==> flow/design.v <==
module ex_shift_unit_v2 #(
  parameter NBITS = 40,
  parameter SEL_WIDTH = $clog2(NBITS)
) (
  input logic clock,
  input logic [NBITS-1:0] bus,
  input logic [NBITS-1:0] rhs,
  input logic [SEL_WIDTH-1:0] amt,
  output logic [NBITS-1:0] res
);
  logic [NBITS-1:0] r_bus;
  logic [NBITS-1:0] r_rhs;
  logic [SEL_WIDTH-1:0] r_amt;
  always_ff @(posedge clock) begin
    r_bus <= bus;
    r_rhs <= rhs;
    r_amt <= amt;
  end
  logic [2*NBITS-1:0] t;
  assign t = {r_rhs, r_bus} >> r_amt;
  assign res = t[NBITS-1:0];
endmodule
**From RTL to reports: ex_shift_unit_v2**

What the tools print for ex_shift_unit_v2, step after step.
Line numbers count from 1 in the design file above.
Cell names lack the library's common part.
Not given: n/a

- Top module: ex_shift_unit_v2
- Clock: clock
- Standard-cell library: sky130hd
- Corner: tt_025C_1v80

**Word-level counts**

Yosys after proc, flatten, opt, wreduce and memory -nomap, before mapping. Enables and synchronous resets that opt folds into registers are not counted as muxes. Memory bits, and registers merged into a memory's read port (data or address), are not among the register bits. Print and check cells are not counted. Equal cells are merged and count once.

- Bits in registers: 86
- Elaborated cells: 4
- Output and inout port bits: 40
- Input bits: 87

- Shifts and indexed selects: 1

Operators with widths:

| operator | count |
|---|---|
| >> shifter 80 x 6 -> 40 bit | 1 |

**Logic depth**

Depth = most cells in a row (Yosys ltp): at word level without a register or memory, in the mapped netlist without a sequential cell, where the memories' decode and read muxes count.

- Word-level depth: 1
- ABC_AREA: 0
- Mapped depth: 11

**Netlist**

The flow's flattened synthesis, as Yosys stat reports it; memories are mapped. The netlist is that of the ABC_AREA named above (0 if unset); the other value can give another one.

Cells by type:

| cell type | count | area in all (um2) |
|---|---|---|
| mux4_2 | 92 | 2.07E+03 |
| dfxtp_1 | 86 | 1.72E+03 |
| mux2i_1 | 92 | 920.883 |
| mux2_2 | 47 | 529.258 |
| nand2_1 | 59 | 221.462 |
| a22oi_1 | 19 | 142.637 |
| nor2_1 | 38 | 142.637 |
| o22ai_1 | 20 | 125.12 |
| buf_2 | 23 | 115.11 |
| nand3_1 | 22 | 110.106 |
| o211ai_1 | 14 | 105.101 |
| o21ai_0 | 21 | 105.101 |
| o221ai_1 | 10 | 87.584 |
| buf_12 | 4 | 80.077 |
| buf_4 | 10 | 75.072 |
| a21oi_1 | 14 | 70.067 |
| clkbuf_8 | 5 | 68.816 |
| clkbuf_1 | 17 | 63.811 |

Other cell types: 44; their cells: 136.

- Synthesis area: 7841.3 um2
- Standard cells after synthesis: 729
- Area of sequential cells: 1721.7 um2
- Mapped flip-flops: 86

**Timing after synthesis**

OpenSTA on the mapped netlist: ideal clock, no wires. The path of least setup slack (recovery checks aside). Input and output delay are each 20% of the period. Register names are those of the netlist, which keeps one name where synthesis merged equal registers.

- Path type: reg2out
- Start: reg r_amt[1]
- End: out res[8]
- Slack: 0.524 ns
- Path delay: 2.092 ns
- Time at the first pin: 0.000 ns
- Stages on the path: 9
- Arrival time: 2.092 ns
- Clock period: 3.27 ns
- Synthesis period reached: 2.746 ns

"path delay" = arrival - input delay + setup time.
A path that ends at an output port has no setup time.
"stages on the path" counts driving pins, that of a launching flip-flop among them; a cell with two outputs on the path counts twice.
"synthesis period reached" = period - worst setup slack (recovery checks aside). The figure is calculated, with input and output delays left at 20% of the set period.
Between the ends stands the longest chain of elaborated cells between them, by number of cells; it is not shown to be the way that was timed. Of several equally long chains one is given.
Each line given opens the expression or statement behind the cell; cells for indexed reads and writes are added by Yosys, which also makes memories of some case tables.

- Cell sequence: dfxtp_1 > buf_6 > buf_6 > buf_6 > mux2_2 > mux2i_1 > o32ai_1 > a2111o_1 > a221o_1
- Cells in the longest elaborated chain: 1
- Elaborated cells between the ends (all ways): 1
- Classes of those cells: 1 x shift

Ends and longest elaborated chain, post-synthesis:

| element | line | RTL |
|---|---|---|
| from (decl) | 13 | `logic [SEL_WIDTH-1:0] r_amt;` |
| from (assign) | 17 | `r_amt <= amt;` |
| >> shifter 80 x 6 -> 40 bit | 20 | `assign t = {r_rhs, r_bus} >> r_amt;` |
| to (decl) | 9 | `output logic [NBITS-1:0] res` |

**Worst path after layout**

Path of least setup slack in the final report of entry B (OpenROAD, finished layout, wires in). Where an end is a register, its clock arrival counts in the times.

- Path type: reg2out
- Start: reg r_amt[1]
- End: out res[8]
- Arrival time: 2.76 ns
- Clock period: 3.27 ns
- Stages on the path: 11
- Time at the first pin: 0.35 ns
- Slack: -0.14 ns

Between the ends stands the longest chain of elaborated cells between them, by number of cells; it is not shown to be the way that was timed. Of several equally long chains one is given.

- Cell sequence: dfxtp_4 > buf_12 > buf_12 > buf_4 > buf_4 > mux2_4 > mux2i_1 > o21ai_1 > a2111o_1 > a221o_1 > buf_2
- Cells in the longest elaborated chain: 1
- Elaborated cells between the ends (all ways): 1
- Classes of those cells: 1 x shift

Ends and longest elaborated chain, after layout:

| element | line | RTL |
|---|---|---|
| from (decl) | 13 | `logic [SEL_WIDTH-1:0] r_amt;` |
| from (assign) | 17 | `r_amt <= amt;` |
| >> shifter 80 x 6 -> 40 bit | 20 | `assign t = {r_rhs, r_bus} >> r_amt;` |
| to (decl) | 9 | `output logic [NBITS-1:0] res` |

# Flow runs of ex_shift_unit_v2

Record of 3 stored runs of the RTL-to-layout flow on ex_shift_unit_v2, platform sky130hd. The runs are unordered. Constraints: input delay and output delay 20% of the set period each, output load 0.01 pF.
"achieved clock period": clock period set for the run, less the worst setup slack. It is reckoned from that one timing run; input and output delays stay at 20% of the period that was set.
By "allowed time less slack (worst setup path)" is meant the share of the clock period that the worst setup path is allowed (20% is reserved at inputs, 20% at outputs), minus its slack. Clock arrival times at its registers enter into it.
"total power after layout" rests on the timing tool's default activity at the inputs, not on a simulated workload.
A setting shown as n/a is not set for that run.
Results: n/a = not shown.

| name | entry A | entry B | entry C |
|---|---|---|---|
| period_ns | 3.48 | 3.27 | 1.9 |
| CORE_UTILIZATION | 65 | 40 | 37 |
| PLACE_DENSITY_LB_ADDON | 0.25 | n/a | 0.07 |
| CORE_MARGIN | 7 | 2 | 2 |
| TNS_END_PERCENT | 50 | n/a | n/a |
| GPL_ROUTABILITY_DRIVEN | 0 | n/a | 1 |
| MAX_ROUTING_LAYER | met4 | n/a | met4 |
| CAP_MARGIN | 20 | 20 | 40 |
| SLEW_MARGIN | 20 | 20 | 20 |
| CORE_ASPECT_RATIO | n/a | n/a | 0.57 |
| CELL_PAD_IN_SITES_GLOBAL_PLACEMENT | n/a | n/a | 1 |
| CELL_PAD_IN_SITES_DETAIL_PLACEMENT | n/a | n/a | 1 |
| ABC_AREA | n/a | n/a | 1 |
| GPL_TIMING_DRIVEN | n/a | n/a | 0 |
| CTS_CLUSTER_SIZE | n/a | n/a | 80 |
| CTS_CLUSTER_DIAMETER | n/a | n/a | 201 |
| MIN_ROUTING_LAYER | n/a | n/a | met1 |
| synthesis area (um2) | n/a | 7841.3 | 6472.5 |
| full die area (um2) | n/a | 20738.9 | 18609.3 |
| area of the standard cells in the finished layout (um2) | n/a | 11865.1 | 10774.1 |
| utilization (%) | n/a | 61.4 | 62.9 |
| worst setup slack after layout (ns) | n/a | -0.142 | -1.080 |
| final setup TNS (ns) | n/a | -1.075 | -36.229 |
| worst-case hold slack (ns) | n/a | 0.727 | 0.420 |
| total power after layout (uW) | n/a | 4135 | 6923 |
| achieved clock period (ns) | n/a | 3.412 | 2.980 |
| allowed time less slack (worst setup path) (ns) | n/a | 2.76 | 2.60 |
| critical path kind | n/a | reg2out | reg2out |

Entry A: unfinished; error GRT-0232 in routing
